==> flow/design.v <==
module cpu_add #(
   parameter int DWIDTH = 8,
   parameter int GB = 2
) (
   input  logic ck,
   input  logic rstn,
   input  logic clk_en,
   input  logic [DWIDTH-1:0] val,
   input  logic init,
   output logic [DWIDTH+GB-1:0] s
);
   logic [DWIDTH-1:0] r_val;
   logic r_init;
   logic [DWIDTH+GB-1:0] accum;
   always_ff @(posedge ck or negedge rstn) begin
      if (!rstn) begin
         r_val <= '0;
         r_init <= 1'b0;
         accum <= '0;
      end else if (clk_en) begin
         r_val <= val;
         r_init <= init;
         accum <= r_init ? 0 : accum + r_val;
      end
   end
   assign s = accum;
endmodule
# [Tool chain data of cpu_add]
# Tool output for the design above, in the order of the flow.
# Line numbers count from 1 in the design file above.
# Operators: Yosys type, input widths -> output width; for muxes data width and select width s.
# The mark n/a stands for no value.
[setup] design="cpu_add" clk_port="ck" library="sky130hd" pvt_corner="tt_025C_1v80"

# [Word-level counts]
# Source: Yosys, flattened and elaborated, memories not mapped. Widths are those after wreduce; folded enables and synchronous resets count as part of the registers. Registers that Yosys merges into a memory's read port (data or address) are not register bits. Print and check cells do not count. Equal cells are merged and count once.
[word_totals] register_bits=19 in_bits=12 out_inout_bits=10 word_cells=5
[classes] n_addsub=1 n_mux=1
[op_table] op="$add 10x8->10" count=1
[op_table] op="$mux 10" count=1

# [Longest topological paths]
# Longest topological path by Yosys (ltp), each cell counted once; first at word level (registers and memories cut), then after technology mapping (sequential cells cut; the memories' decode and read muxes count).
[depth] depth_word=2 abc_area=0 mapped_depth=8 depth_no_buf=8

# [After synthesis]
# Yosys stat after the flow's synthesis: flattened, memories mapped to cells. It holds for the ABC_AREA given above (unset counts as 0); a run with the other value may have another netlist.
[by_type] type="sky130_fd_sc_hd__dfrtp_1" count=19
[by_type] type="sky130_fd_sc_hd__ha_1" count=8
[by_type] type="sky130_fd_sc_hd__mux2_2" count=8
[by_type] type="sky130_fd_sc_hd__o21ai_0" count=6
[by_type] type="sky130_fd_sc_hd__inv_1" count=7
[by_type] type="sky130_fd_sc_hd__nand2_1" count=7
[by_type] type="sky130_fd_sc_hd__a21oi_1" count=5
[by_type] type="sky130_fd_sc_hd__a21o_1" count=3
[by_type] type="sky130_fd_sc_hd__o21a_1" count=3
[by_type] type="sky130_fd_sc_hd__fa_1" count=1
[by_type] type="sky130_fd_sc_hd__nor2_1" count=5
[by_type] type="sky130_fd_sc_hd__o2bb2ai_1" count=2
[by_type] type="sky130_fd_sc_hd__xor2_1" count=2
[by_type] type="sky130_fd_sc_hd__o41ai_2" count=1
[by_type] type="sky130_fd_sc_hd__nand3b_1" count=2
[by_type] type="sky130_fd_sc_hd__o211ai_1" count=2
[by_type] type="sky130_fd_sc_hd__nor2b_4" count=1
[by_type] type="sky130_fd_sc_hd__nor3_1" count=2
# Other cell types: 19; their cells: 20.
[mapped] mapped_cells=104 synth_area_um2=1099.8 seq_area_um2=475.5 ffs=19

# [Timing after synthesis]
# Source: OpenSTA report_checks on the synthesized netlist (no wires, ideal clock, input and output delay 20% of the period each), path of least setup slack; recovery checks are left aside. Register names are those of the netlist, which keeps one name where synthesis merged equal registers.
[synth_timing] path_kind="flip-flop to flip-flop" startpoint="register accum[0]" endpoint="register accum[6]" clock_period_ns=2.31 arrival_time_ns=1.741 required_time_ns=2.207 path_slack_ns=0.465 path_delay_ns=1.844 stages=9 n_path_buf=0 synth_period_reached_ns=1.845
# "path_delay_ns" is the arrival time less input delay plus setup time.
# "stages" counts driving pins, that of a launching flip-flop among them; a cell with two outputs on the path counts twice.
# "synth_period_reached_ns" is the clock period less the worst setup slack; recovery checks do not enter. This is arithmetic on one report: input and output delays are still those of the set period (20% each).
# The rows between start and end are the longest chain of elaborated cells between them; the timing report does not say that the signal goes this way. Where chains are equally long, one stands for them.
# Each line given opens the expression or statement behind the cell; cells for indexed reads and writes are added by Yosys, which also makes memories of some case tables.
[synth_via] cell_sequence="sky130_fd_sc_hd__dfrtp_1 sky130_fd_sc_hd__ha_1 sky130_fd_sc_hd__inv_1 sky130_fd_sc_hd__fa_1 sky130_fd_sc_hd__nor2b_4 sky130_fd_sc_hd__o31a_1 sky130_fd_sc_hd__o21a_1 sky130_fd_sc_hd__nor3_1 sky130_fd_sc_hd__o41ai_2" elab_chain_len=2 cells_between=2 classes_between="1 x add/sub; 1 x mux"
[synth_lines] element="start, declared" line=14 text="logic [DWIDTH+GB-1:0] accum;"
[synth_lines] element="start, assigned" line=19 text="accum <= '0;"
[synth_lines] element="start, assigned" line=23 text="accum <= r_init ? 0 : accum + r_val;"
[synth_lines] element="$add 10x8->10" line=23
[synth_lines] element="$mux 10" line=23
[synth_lines] element="end, assigned" line=19
[synth_lines] element="end, assigned" line=23
[synth_lines] element="end, declared" line=14

# [Timing after layout]
# From the final timing report of job 1: the path of least setup slack in the routed layout; clock arrival at registers is part of the times.
[layout_timing] path_kind="flip-flop to flip-flop" startpoint="register accum[0]" endpoint="register accum[6]" clock_period_ns=2.31 arrival_time_ns=2.22 required_time_ns=2.52 path_slack_ns=0.30 stages=9 n_path_buf=0
# The rows between start and end are the longest chain of elaborated cells between them; the timing report does not say that the signal goes this way. Where chains are equally long, one stands for them.
[layout_via] cell_sequence="sky130_fd_sc_hd__dfrtp_1 sky130_fd_sc_hd__ha_1 sky130_fd_sc_hd__inv_1 sky130_fd_sc_hd__fa_1 sky130_fd_sc_hd__nor2b_4 sky130_fd_sc_hd__o31a_1 sky130_fd_sc_hd__o21a_1 sky130_fd_sc_hd__nor3_1 sky130_fd_sc_hd__o41ai_2" elab_chain_len=2 cells_between=2 classes_between="1 x add/sub; 1 x mux"
[layout_lines] element="start, declared" line=14 text="logic [DWIDTH+GB-1:0] accum;"
[layout_lines] element="start, assigned" line=19 text="accum <= '0;"
[layout_lines] element="start, assigned" line=23 text="accum <= r_init ? 0 : accum + r_val;"
[layout_lines] element="$add 10x8->10" line=23
[layout_lines] element="$mux 10" line=23
[layout_lines] element="end, assigned" line=19
[layout_lines] element="end, assigned" line=23
[layout_lines] element="end, declared" line=14

==> results <==
Measured data: module cpu_add, platform sky130hd, 2 stored runs of the flow under differing settings, order arbitrary. Input and output delays are each 20% of the period that was set; the output load is 0.01 pF.
"achieved clock period" means the clock period less the worst setup slack. The figure is calculated, with input and output delays left at 20% of the set period.
"power": no workload was simulated; the value follows from the tool's default switching activity.
[job 1] settings: period_ns=2.31, CAP_MARGIN=20, CORE_MARGIN=2, CORE_UTILIZATION=40, SLEW_MARGIN=20
[job 1] result: chip area after synthesis (Yosys) 1099.8 µm², die area 3184.9 µm², standard-cell area of the final layout 1373.8 µm², utilization 51.1%, worst setup slack after layout 0.300 ns, total negative slack 0.000 ns, power 1308 µW, achieved clock period 2.010 ns
[job 2] settings: period_ns=2.25, CORE_UTILIZATION=59, PLACE_DENSITY_LB_ADDON=0.22, CELL_PAD_IN_SITES_GLOBAL_PLACEMENT=0, TNS_END_PERCENT=15, GPL_TIMING_DRIVEN=0, CTS_CLUSTER_DIAMETER=266, CAP_MARGIN=20, CORE_MARGIN=2, SLEW_MARGIN=20
[job 2] result: chip area after synthesis (Yosys) 1099.8 µm², die area 2225.5 µm², standard-cell area of the final layout 1358.8 µm², utilization 77.8%, worst setup slack after layout 0.266 ns, total negative slack 0.000 ns, power 1350 µW, achieved clock period 1.984 ns
